==> flow/design.v <==
module sync_mul_mod #(
    parameter int DATA_W = 6
) (
    input  logic clk,
    input  logic rst,
    input  logic [DATA_W-1:0] in_first,
    input  logic [DATA_W-1:0] in_second,
    input  logic in_clear,
    output logic [2*DATA_W-1:0] out_res,
    output logic out_fin
);
    localparam int SW = $clog2(DATA_W + 1);
    logic [DATA_W-1:0] mcand;
    logic [SW-1:0] left;
    always_ff @(posedge clk or posedge rst) begin
        if (rst) begin
            mcand <= 0;
            left <= 0;
        end else begin
            mcand <= in_clear ? in_first : mcand;
            left <= in_clear ? DATA_W : (left != 0) ? left - 1'b1 : left;
        end
    end
    logic [2*DATA_W-1:0] run_sum;
    logic [DATA_W:0] work;
    assign work = run_sum[2*DATA_W-1:DATA_W] + (run_sum[0] ? mcand : {DATA_W{1'b0}});
    always_ff @(posedge clk or posedge rst) begin
        if (rst) begin
            run_sum <= 0;
        end else begin
            run_sum <= in_clear ? {{DATA_W{1'b0}}, in_second} : (left != 0) ? {work, run_sum[DATA_W-1:1]} : run_sum;
        end
    end
    assign out_res = run_sum;
    assign out_fin = (left == 0);
endmodule
==> Reports on sync_mul_mod <==
The steps from the RTL of sync_mul_mod to its reports follow in flow order.
Line numbers count from 1 in the design file above.
Operators: Yosys type, input widths -> output width; for muxes data width and select width s.
Library cell names are shortened.
{ "inputs": {"top": "sync_mul_mod", "clk_port": "clk", "cell_library": "sky130hd", "pvt_corner": "tt_025C_1v80"} }

==> Word level <==
Yosys after proc, flatten, opt, wreduce and memory -nomap, before mapping. Memory bits, and registers merged into a memory's read port (data or address), are not among the register bits. Print and check cells are not counted. Equal cells are merged and count once.
{ "bits": {"reg_bits": 21, "input_bits": 15, "output_inout_bits": 13, "word_cells": 13} }
{ "op_classes": {"addsub": 2, "n_mux": 5, "n_reduce_logical": 3} }
{ "ops": {"columns": ["cell", "count"], "rows": [
  ["$mux 12", 2],
  ["$add 6x6->7", 1],
  ["$mux 6", 1],
  ["$mux 3", 2],
  ["$sub 3x1->3 const B", 1],
  ["$logic_not 3->1", 1],
  ["$reduce_bool 3->1", 1],
  ["$reduce_bool 2->1", 1]
]} }

==> Depth <==
Depth = most cells in a row (Yosys ltp): at word level without a register or memory, in the mapped netlist without a sequential cell, where the memories' decode and read muxes count.
{ "depth": {"ltp_word": 4, "abc_area": 0, "mapped_depth": 8, "depth_no_buf": 8} }

==> After synthesis <==
Source: synth_stat.txt of the flow (Yosys; design flattened, memories mapped). It holds for the ABC_AREA given above (unset counts as 0); a run with the other value may have another netlist.
The area totals of this step are shown rounded.
{ "mapped": {"cell_count": 114, "mapped_area_um2": 1200, "sequential_area_um2": 530, "ffs": 21} }
{ "by_type": {"columns": ["cell_type", "count", "area_total_um2"], "rows": [
  ["dfrtp_1", 21, 525.504],
  ["ha_1", 8, 100.096],
  ["mux2_2", 6, 67.565],
  ["mux2i_1", 6, 60.058],
  ["o21ai_0", 9, 45.043],
  ["and2_1", 6, 37.536],
  ["nand2_1", 10, 37.536],
  ["inv_1", 8, 30.029],
  ["a211oi_1", 3, 22.522],
  ["nor2_1", 6, 22.522],
  ["fa_1", 1, 20.019],
  ["a21o_1", 2, 15.014],
  ["a21oi_1", 3, 15.014],
  ["buf_4", 2, 15.014],
  ["nand3_1", 3, 15.014],
  ["nand3b_1", 2, 15.014],
  ["a2111o_1", 1, 11.261],
  ["nand3_2", 1, 10.01]
]} }
Not listed: further types 16, cells in them 16.

==> Worst setup path after synthesis <==
Path of least setup slack by OpenSTA after synthesis, without wires, with an ideal clock, recovery checks aside; 20% of the period is set as input and as output delay. Where synthesis merged equal registers, the netlist keeps one of their names.
{ "synth_timing": {"kind": "reg2reg", "from": "reg run_sum[0]", "to": "reg run_sum[9]", "period_ns": 2.28, "arrival_ns": 1.708, "t_required_ns": 2.161, "slack_ns": 0.453, "path_delay_ns": 1.827, "stages": 9, "path_buffers": 0, "period_less_setup_slack_ns": 1.827} }
"path_delay_ns" is the arrival time less input delay plus setup time.
"stages": output pins that drive a net of the path, with the launching flip-flop's if there is one; two outputs of one cell count as two.
"period_less_setup_slack_ns" is the clock period less the worst setup slack; recovery checks do not enter. This is arithmetic on one report: input and output delays are still those of the set period (20% each).
Between the ends stands the longest chain of elaborated cells between them, by number of cells; it is not shown to be the way that was timed. Of several equally long chains one is given.
Each line given opens the expression or statement behind the cell; cells for indexed reads and writes are added by Yosys, which also makes memories of some case tables.
{ "synth_via": {"path_cell_list": "dfrtp_1 > and2_1 > ha_1 > inv_1 > fa_1 > and2b_1 > o31a_1 > a211oi_1 > o21ba_2", "elab_chain_len": 4} }
{ "synth_rtl": {"columns": ["item", "line", "rtl"], "rows": [
  ["start, declared", 24, "logic [2*DATA_W-1:0] run_sum;"],
  ["start, assigned", 29, "run_sum <= 0;"],
  ["start, assigned", 31, "run_sum <= in_clear ? {{DATA_W{1'b0}}, in_second} : (left != 0) ? {work, run_sum[DATA_W-1:1]} : run_sum;"],
  ["$mux 6", 26, "assign work = run_sum[2*DATA_W-1:DATA_W] + (run_sum[0] ? mcand : {DATA_W{1'b0}});"],
  ["$add 6x6->7", 26, null],
  ["$mux 12 x2", 31, null],
  ["end, assigned", 29, null],
  ["end, assigned", 31, null],
  ["end, declared", 24, null]
]} }

==> Path in the finished layout <==
Path of least setup slack in the final report of run 1 (OpenROAD, finished layout, wires in). Where an end is a register, its clock arrival counts in the times.
{ "layout_timing": {"kind": "reg2out", "from": "reg left[0]", "to": "out out_fin", "period_ns": 2.28, "arrival_ns": 1.68, "t_required_ns": 1.82, "slack_ns": 0.14, "stages": 6, "path_buffers": 1} }
Between the ends stands the longest chain of elaborated cells between them, by number of cells; it is not shown to be the way that was timed. Of several equally long chains one is given.
{ "layout_via": {"path_cell_list": "dfrtp_1 > inv_1 > ha_1 > nand2b_2 > inv_2 > clkdlybuf4s50_1", "elab_chain_len": 1} }
{ "layout_rtl": {"columns": ["item", "line", "rtl"], "rows": [
  ["start, declared", 14, "logic [SW-1:0] left;"],
  ["start, assigned", 18, "left <= 0;"],
  ["start, assigned", 21, "left <= in_clear ? DATA_W : (left != 0) ? left - 1'b1 : left;"],
  ["$logic_not 3->1", 35, "assign out_fin = (left == 0);"],
  ["end, declared", 10, "output logic out_fin"]
]} }

==> runs of sync_mul_mod <==
Below are 3 stored runs of the flow (Yosys, OpenROAD; platform sky130hd) on sync_mul_mod, each with its settings and what was measured, unordered. Constraints: input delay and output delay 20% of the set period each, output load 0.01 pF.
"achieved_period_ns": clock period set for the run, less the worst setup slack. It is reckoned from that one timing run; input and output delays stay at 20% of the period that was set.
"total_power_uw" rests on the timing tool's default activity at the inputs, not on a simulated workload.
Values from the reports are rounded here.
[
  {
    "run": "run 1",
    "settings": { "period_ns": 2.28, "CAP_MARGIN": 20, "CORE_MARGIN": 2, "CORE_UTILIZATION": 40, "SLEW_MARGIN": 20 },
    "results": { "worstSetupSlack_ns": 0.14, "dieArea_um2": 3400, "achieved_period_ns": 2.135, "setup_tns_ns": 0.000, "finish.utilization_pct": 55, "post_synth_area_um2": 1200, "finish.stdcell_area_um2": 1500, "total_power_uw": 910 }
  },
  {
    "run": "run 2",
    "settings": { "period_ns": 2.14, "CORE_UTILIZATION": 30, "SETUP_SLACK_MARGIN": 0.11, "PLACE_DENSITY_LB_ADDON": 0.12, "CORE_ASPECT_RATIO": 1.06, "GPL_ROUTABILITY_DRIVEN": 1, "CAP_MARGIN": 15, "CORE_MARGIN": 2, "SLEW_MARGIN": 20 },
    "results": { "worstSetupSlack_ns": 0.25, "dieArea_um2": 4500, "achieved_period_ns": 1.894, "setup_tns_ns": 0.000, "finish.utilization_pct": 42, "post_synth_area_um2": 1200, "finish.stdcell_area_um2": 1600, "total_power_uw": 1000 }
  },
  {
    "run": "run 3",
    "settings": { "period_ns": 3.47, "CORE_UTILIZATION": 37, "PLACE_DENSITY_LB_ADDON": 0.06, "HOLD_SLACK_MARGIN": -0.07, "CORE_ASPECT_RATIO": 0.99, "CORE_MARGIN": 4, "CELL_PAD_IN_SITES_GLOBAL_PLACEMENT": 1, "TNS_END_PERCENT": 25, "GPL_TIMING_DRIVEN": 0, "GPL_ROUTABILITY_DRIVEN": 0, "MIN_ROUTING_LAYER": "met2", "CAP_MARGIN": 20, "SLEW_MARGIN": 20 },
    "results": { "worstSetupSlack_ns": 0.85, "dieArea_um2": 4200, "achieved_period_ns": 2.620, "setup_tns_ns": 0.000, "finish.utilization_pct": 50, "post_synth_area_um2": 1200, "finish.stdcell_area_um2": 1500, "total_power_uw": 600 }
  }
]
